==> flow/design.v <==
module my_mul_n (ck, i_rst_n, dataa, datab, start, prod, ready);
  parameter NBITS = 28;
  input ck;
  input i_rst_n;
  input [NBITS-1:0] dataa;
  input [NBITS-1:0] datab;
  input start;
  output [2*NBITS-1:0] prod;
  output ready;
  reg [NBITS-1:0] dataa_ff;
  reg [NBITS-1:0] datab_ff;
  reg start_ff;
  always @(posedge ck) begin
    if (~i_rst_n) begin
      dataa_ff <= 0;
      datab_ff <= 0;
      start_ff <= 1'b0;
    end else begin
      dataa_ff <= dataa;
      datab_ff <= datab;
      start_ff <= start;
    end
  end
  localparam LOGN = $clog2(NBITS + 1);
  reg [NBITS-1:0] mcand;
  reg [LOGN-1:0] ctr;
  always @(posedge ck) begin
    if (~i_rst_n) begin
      mcand <= 0;
      ctr <= 0;
    end else begin
      mcand <= start_ff ? dataa_ff : mcand;
      ctr <= start_ff ? NBITS : (ctr != 0) ? ctr - 1'b1 : ctr;
    end
  end
  reg [2*NBITS-1:0] state;
  wire [NBITS:0] r;
  assign r = state[2*NBITS-1:NBITS] + (state[0] ? mcand : {NBITS{1'b0}});
  always @(posedge ck) begin
    if (~i_rst_n) begin
      state <= 0;
    end else begin
      state <= start_ff ? {{NBITS{1'b0}}, datab_ff} : (ctr != 0) ? {r, state[NBITS-1:1]} : state;
    end
  end
  assign prod = state;
  assign ready = (ctr == 0);
endmodule
From RTL to reports: my_mul_n
Tool output for the design above, in the order of the flow.
Lines are those of the file above, counted from 1.
Operators: Yosys type, input widths -> output width; for muxes data width and select width s.
Library cell names are shortened.
{ "inputs": {"top": "my_mul_n", "clock": "ck", "lib": "sky130hd", "corner": "tt_025C_1v80"} }

Word-level counts
Source: Yosys, flattened and elaborated, memories not mapped. Widths are those after wreduce. Registers that Yosys merges into a memory's read port (data or address) are not register bits. Print and check cells do not count. Equal cells are merged and count once.
{ "word_totals": {"regBits": 146, "inputBits": 59, "wordCells": 20} }
{ "op_classes": {"n_addsub": 2, "muxes": 5, "logic": 1, "reduce_and_logical": 4} }
{ "op_table": {"columns": ["cell", "count"], "rows": [
  ["$mux 28", 3],
  ["$add 28x28->29", 1],
  ["$mux 5", 2],
  ["$sub 5x1->5 const B", 1],
  ["$logic_not 5->1", 1],
  ["$reduce_bool 5->1", 1],
  ["$reduce_bool 2->1", 1],
  ["$reduce_or 2->1", 1],
  ["$not 1->1", 1]
]} }

Depth
Depth = most cells in a row (Yosys ltp): at word level without a register or memory, in the mapped netlist without a sequential cell, where the memories' decode and read muxes count.
{ "logic_depth": {"ltp_word": 4, "abc_area": 0, "mapped_depth": 12} }

Netlist
Yosys stat after the flow's synthesis: flattened, memories mapped to cells. It holds for the ABC_AREA given above (unset counts as 0); a run with the other value may have another netlist.
{ "types": {"columns": ["cell_type", "count", "type_area_um2"], "rows": [
  ["dfxtp_1", 146, 2.92E+03],
  ["and2_1", 88, 550.528],
  ["a21oi_1", 90, 450.432],
  ["nor2b_1", 61, 381.616],
  ["ha_1", 29, 362.848],
  ["nand2_1", 91, 341.578],
  ["mux2i_1", 29, 290.278],
  ["xnor2_1", 17, 148.893],
  ["clkbuf_1", 36, 135.13],
  ["a22o_1", 14, 122.618],
  ["a21o_1", 13, 97.594],
  ["xor2_1", 11, 96.342],
  ["a211oi_1", 12, 90.086],
  ["nor2_1", 16, 60.058],
  ["o211ai_1", 7, 52.55],
  ["o21ai_0", 8, 40.038],
  ["a41oi_2", 2, 32.531],
  ["o21ai_1", 6, 30.029]
]} }
Not listed: further types 34, cells in them 71.
{ "synth_totals": {"cells": 747, "yosys_area_um2": 6686.4, "ffs": 146, "buffers": 48} }

Timing after synthesis
Source: OpenSTA report_checks on the synthesized netlist (no wires, ideal clock, input and output delay 20% of the period each), path of least setup slack; recovery checks are left aside. Register names are those of the netlist, which keeps one name where synthesis merged equal registers.
{ "synth_path": {"path_type": "flip-flop to flip-flop", "start": "register state[0]", "end": "register state[45]", "tclk_ns": 3.49, "setup_ns": 0.117, "t_first_pin_ns": 0.000, "t_arrival_ns": 2.673, "slack_ns": 0.700, "path_delay_ns": 2.790, "path_stages": 12, "n_path_buf": 1, "synth_period_reached_ns": 2.79} }
"path_delay_ns" is the arrival time less input delay plus setup time.
"path_stages": output pins that drive a net of the path, with the launching flip-flop's if there is one; two outputs of one cell count as two.
"synth_period_reached_ns" is the clock period less the worst setup slack; recovery checks do not enter. This is arithmetic on one report: input and output delays are still those of the set period (20% each).
The rows between start and end are the longest chain of elaborated cells between them; the timing report does not say that the signal goes this way. Where chains are equally long, one stands for them.
A line is the first line of the expression or statement that the cell stems from. Yosys adds cells for indexed reads and writes and turns some case tables into memories.
{ "synth_between": {"cell_sequence": "dfxtp_1 > clkbuf_1 > and2_1 > ha_1 > fa_1 > a21o_1 > a221o_1 > a41oi_2 > o21a_1 > o311ai_1 > xor2_1 > a22o_1", "elab_chain_len": 2, "cone_cells": 2, "cone_lines": 1, "classes_between": "add/sub: 1; mux: 1"} }
{ "synth_rtl": {"columns": ["element", "line", "rtl"], "rows": [
  ["start: declaration", 36, "reg [2*NBITS-1:0] state;"],
  ["start: assignment", 41, "state <= 0;"],
  ["start: assignment", 43, "state <= start_ff ? {{NBITS{1'b0}}, datab_ff} : (ctr != 0) ? {r, state[NBITS-1:1]} : state;"],
  ["$mux 28", 38, "assign r = state[2*NBITS-1:NBITS] + (state[0] ? mcand : {NBITS{1'b0}});"],
  ["$add 28x28->29", 38, null],
  ["end: assignment", 41, null],
  ["end: assignment", 43, null],
  ["end: declaration", 36, null]
]} }

Path in the finished layout
From the final timing report of job 1: the path of least setup slack in the routed layout; clock arrival at registers is part of the times.
{ "layout_path": {"path_type": "flip-flop to flip-flop", "start": "register state[0]", "end": "register state[45]", "tclk_ns": 5.32, "setup_ns": 0.10, "t_first_pin_ns": 0.42, "t_arrival_ns": 3.53, "slack_ns": 2.11, "path_stages": 11, "n_path_buf": 0} }
The rows between start and end are the longest chain of elaborated cells between them; the timing report does not say that the signal goes this way. Where chains are equally long, one stands for them.
{ "layout_between": {"cell_sequence": "dfxtp_1 > and2_1 > ha_1 > fa_1 > a21o_1 > a221o_1 > a41oi_2 > o21a_1 > o311ai_1 > xor2_1 > a22o_1", "elab_chain_len": 2, "cone_cells": 2, "cone_lines": 1, "classes_between": "add/sub: 1; mux: 1"} }
{ "layout_rtl": {"columns": ["element", "line", "rtl"], "rows": [
  ["start: declaration", 36, "reg [2*NBITS-1:0] state;"],
  ["start: assignment", 41, "state <= 0;"],
  ["start: assignment", 43, "state <= start_ff ? {{NBITS{1'b0}}, datab_ff} : (ctr != 0) ? {r, state[NBITS-1:1]} : state;"],
  ["$mux 28", 38, "assign r = state[2*NBITS-1:NBITS] + (state[0] ? mcand : {NBITS{1'b0}});"],
  ["$add 28x28->29", 38, null],
  ["end: assignment", 41, null],
  ["end: assignment", 43, null],
  ["end: declaration", 36, null]
]} }

Hand-over note for my_mul_n

my_mul_n through Yosys and OpenROAD on sky130hd: 3 stored runs, unordered, with their settings and measured results. The constraints put input and output delay at 20% of the set period each and load the outputs with 0.01 pF.
By "achieved_clock_period_ns" is meant the clock period of the run minus its worst setup slack. This is arithmetic on one report: input and output delays are still those of the set period (20% each).
"worst_path_time_ns": the worst setup path's part of the clock period (all of it between registers, 20% less for each end at a port) less its slack. A launch clock that arrives late makes it longer, a capture clock that arrives late makes it shorter.
[
  {
    "run": "job 1",
    "settings": { "period_ns": 5.32, "CORE_UTILIZATION": 45, "SETUP_SLACK_MARGIN": -0.03, "PLACE_DENSITY": 0.85, "CORE_MARGIN": 4, "CELL_PAD_IN_SITES_DETAIL_PLACEMENT": 0, "TNS_END_PERCENT": 10, "ABC_AREA": 0, "GPL_TIMING_DRIVEN": 1, "CAP_MARGIN": 10, "MAX_ROUTING_LAYER": "met5", "SLEW_MARGIN": 20 },
    "results": { "post_synth_area_um2": 6686.4, "total_die_area_um2": 16872.7, "final_stdcell_area_um2": 8545.7, "finalUtil_pct": 58.8, "setup_ws_ns": 2.107, "timing.setup.tns_ns": 0.000, "timing.hold.ws_ns": 0.485, "achieved_clock_period_ns": 3.213, "worst_path_time_ns": 3.21, "worst_setup_path_type": "flip-flop to flip-flop" }
  },
  {
    "run": "job 2",
    "settings": { "period_ns": 3.49, "CAP_MARGIN": 20, "CORE_MARGIN": 2, "CORE_UTILIZATION": 40, "SLEW_MARGIN": 20 },
    "results": { "post_synth_area_um2": 6686.4, "total_die_area_um2": 17766.2, "final_stdcell_area_um2": 8565.7, "finalUtil_pct": 52.0, "setup_ws_ns": 0.420, "timing.setup.tns_ns": 0.000, "timing.hold.ws_ns": 0.482, "achieved_clock_period_ns": 3.070, "worst_path_time_ns": 3.07, "worst_setup_path_type": "flip-flop to flip-flop" }
  },
  {
    "run": "job 3",
    "settings": { "period_ns": 3.27, "CORE_UTILIZATION": 67, "SETUP_SLACK_MARGIN": 0.6, "PLACE_DENSITY_LB_ADDON": 0.12, "CORE_ASPECT_RATIO": 0.58, "ABC_AREA": 0, "CAP_MARGIN": 30, "SLEW_MARGIN": 5, "MIN_ROUTING_LAYER": "met1", "MAX_ROUTING_LAYER": "met4", "CORE_MARGIN": 2 },
    "results": { "post_synth_area_um2": 6686.4, "total_die_area_um2": 10824.8, "final_stdcell_area_um2": 8712.1, "finalUtil_pct": 90.8, "setup_ws_ns": 0.450, "timing.setup.tns_ns": 0.000, "timing.hold.ws_ns": 0.495, "achieved_clock_period_ns": 2.820, "worst_path_time_ns": 2.82, "worst_setup_path_type": "flip-flop to flip-flop" }
  }
]

End of note.
